==> flow/design.v <==
module gen_mult_p #(
  parameter integer BITS = 3
) (
  input  wire clock,
  input  wire srst,
  input  wire step,
  input  wire [BITS-1:0] in0_i,
  input  wire [BITS-1:0] in1_i,
  input  wire [2*BITS-1:0] in2_i,
  output reg [2*BITS:0] p_o
);
  always @(posedge clock) begin
    if (srst) begin
      p_o <= 0;
    end else if (step) begin
      p_o <= in0_i * in1_i + in2_i;
    end
  end
endmodule
# Step by step through the tools: gen_mult_p
# Module gen_mult_p in several versions that differ in "BITS"; each step lists the members.
# The file above is the member BITS 3. Line numbers count from 1 in each member's own file.
# Library cell names are shortened.
# Not given: -
# inputs
top_module	gen_mult_p
clock_port	clock
library	sky130hd
lib_corner	tt_025C_1v80

# Members of the sweep
# New or changed lines of each further member against the RTL above, in its own file; lines it lacks are not shown.
# src_changes
BITS	line_no	rtl
7	2	parameter integer BITS = 7
14	2	parameter integer BITS = 14

# Elaborated design
# Yosys after proc, flatten, opt, wreduce and memory -nomap, before mapping. Enables and synchronous resets that opt folds into registers are not counted as muxes. Memory bits, and registers merged into a memory's read port (data or address), are not among the register bits. Print and check cells are not counted. Equal cells are merged and count once.
# classes
BITS	add_sub_neg	n_mul	n_div	cmp	equal	shifts	mux	logic	reduce_logical
3	1	1	0	0	0	0	0	0	0
7	1	1	0	0	0	0	0	0	0
14	1	1	0	0	0	0	0	0	0
# op_table
BITS	op_list
3	1 x multiplier 3 x 3 -> 6 bit; 1 x adder 6 x 6 -> 7 bit
7	1 x multiplier 7 x 7 -> 14 bit; 1 x adder 14 x 14 -> 15 bit
14	1 x multiplier 14 x 14 -> 28 bit; 1 x adder 28 x 28 -> 29 bit
# bits
BITS	regBits	latchBits	ramBits	rom_bits	clocked_rd_ports_x_width	n_memories	inputBits	word_cells
3	7	0	0	0	0	0	15	3
7	15	0	0	0	0	0	31	3
14	29	0	0	0	0	0	59	3

# Logic depth
# Depth = most cells in a row (Yosys ltp): at word level without a register or memory, in the mapped netlist without a sequential cell, where the memories' decode and read muxes count.
# depth
BITS	depth_word	abc_area	ltp_mapped
3	2	0	9
7	2	0	16
14	2	0	22

# After synthesis
# Source: synth_stat.txt of the flow (Yosys; design flattened, memories mapped). It holds for the ABC_AREA given above (unset counts as 0); a run with the other value may have another netlist.
# Totals and module areas in this step are rounded.
# mapped
BITS	cells	synth_area_um2	sequential_area_um2	flip_flops
3	70	640	140	7
7	308	2600	300	15
14	919	8300	580	29
# types
BITS	cell_types
3	7 x dfxtp_1; 9 x ha_1; 5 x fa_1; 11 x inv_1; 5 x and2_1; 3 x mux2i_1; 6 x nand2_1; 5 x nor2_1; 2 x o311ai_1; 2 x a21o_1; 1 x a2111o_1; 1 x and3_4; 2 x o21ai_0; 1 x o221ai_1; 1 x xnor2_1; 1 x a211oi_1; 1 x nand3b_1; 1 x nor3b_1; (+6)
7	37 x fa_1; 34 x ha_1; 15 x dfxtp_1; 74 x inv_1; 31 x and2_1; 23 x nand2_1; 15 x a21oi_1; 5 x mux2i_1; 12 x nor2_1; 5 x a21o_1; 6 x nand3_1; 4 x nand4_1; 5 x o21ai_0; 3 x or4_1; 2 x a32o_1; 3 x nand2b_1; 2 x xnor2_1; 2 x a211oi_1; (+30)
14	169 x fa_1; 88 x ha_1; 114 x and2_1; 164 x inv_1; 29 x dfxtp_1; 104 x nand2_1; 40 x clkbuf_1; 15 x mux2i_1; 35 x nor2_1; 24 x a21oi_1; 14 x a21o_1; 18 x o21ai_0; 10 x xnor2_1; 8 x xor2_1; 7 x a211oi_1; 8 x nand2b_1; 7 x nand4_1; 7 x nand3_1; (+58)
# The mark (+n) counts cells that are not listed.

# Path before layout
# Source: OpenSTA report_checks on the synthesized netlist (no wires, ideal clock, input and output delay 20% of the period each), path of least setup slack; recovery checks are left aside. Register names are those of the netlist, which keeps one name where synthesis merged equal registers.
# synth_path
BITS	kind	from	to	period_ns	setup_slack_ns	path_stages	delay_ns	period_less_setup_slack_ns
3	input port to flip-flop	input in0_i[0]	register p_o[5]	3.63	0.582	8	2.321	3.048
7	input port to flip-flop	input in1_i[3]	register p_o[11]	6.3	1.005	15	4.035	5.295
14	input port to flip-flop	input in1_i[0]	register p_o[25]	8.29	1.327	19	5.305	6.963
# "delay_ns" is the arrival time less input delay plus setup time.
# "path_stages": output pins that drive a net of the path, with the launching flip-flop's if there is one; two outputs of one cell count as two.
# "period_less_setup_slack_ns" = period - worst setup slack (recovery checks aside). The figure is calculated, with input and output delays left at 20% of the set period.
# Between the ends stands the longest chain of elaborated cells between them, by number of cells; it is not shown to be the way that was timed. Of several equally long chains one is given.
# A line is the first line of the expression or statement that the cell stems from. Yosys adds cells for indexed reads and writes and turns some case tables into memories.
# synth_via_BITS_3
elab_chain_cells	2
# synth_rtl_BITS_3
element	line_no	rtl
from (decl)	7	input  wire [BITS-1:0] in0_i,
multiplier 3 x 3 -> 6 bit	16	p_o <= in0_i * in1_i + in2_i;
adder 6 x 6 -> 7 bit	16
to (assign)	14	p_o <= 0;
to (assign)	16
to (decl)	10	output reg [2*BITS:0] p_o
# synth_via_BITS_14
elab_chain_cells	2
# synth_rtl_BITS_14
element	line_no	rtl
from (decl)	8	input  wire [BITS-1:0] in1_i,
multiplier 14 x 14 -> 28 bit	16	p_o <= in0_i * in1_i + in2_i;
adder 28 x 28 -> 29 bit	16
to (assign)	14	p_o <= 0;
to (assign)	16
to (decl)	10	output reg [2*BITS:0] p_o

# Timing after layout
# From the final timing report of each member's run: the path of least setup slack in the routed layout; clock arrival at registers is part of the times.
# layout_path
BITS	kind	from	to	period_ns	setup_slack_ns	path_stages	arrival_ns	n_path_buf
3	input port to flip-flop	input in1_i[2]	register p_o[5]	3.63	0.29	9	3.51	1
7	input port to flip-flop	input in1_i[3]	register p_o[11]	6.3	0.46	16	5.98	1
14	input port to flip-flop	input in0_i[6]	register p_o[27]	8.29	0.44	19	8.04	1

# Flow runs
# One run of the flow (Yosys, OpenROAD) for each member, with settings and measured results. Input and output delays are each 20% of the period that was set; the output load is 0.01 pF.
# flow_settings
CAP_MARGIN	20
CORE_MARGIN	2
CORE_UTILIZATION	40
SLEW_MARGIN	20
# settings_by_member
BITS	period_ns
3	3.63
7	6.3
14	8.29
# results
BITS	synth_chip_area_um2	design.die.area_um2	finalCellArea_um2	post_route_util_frac	setup_worst_slack_ns	final_setup_tns_ns	worst_hold_slack_ns	achieved_period_ns
3	640	1900	890	0.59	0.29	0.000	0.48	3.344
7	2600	7200	3200	0.5	0.46	0.000	0.46	5.842
14	8300	22000	9700	0.48	0.44	0.000	0.47	7.852
# "achieved_period_ns" means the clock period less the worst setup slack. The figure is calculated, with input and output delays left at 20% of the set period.
# Results are given in rounded form.
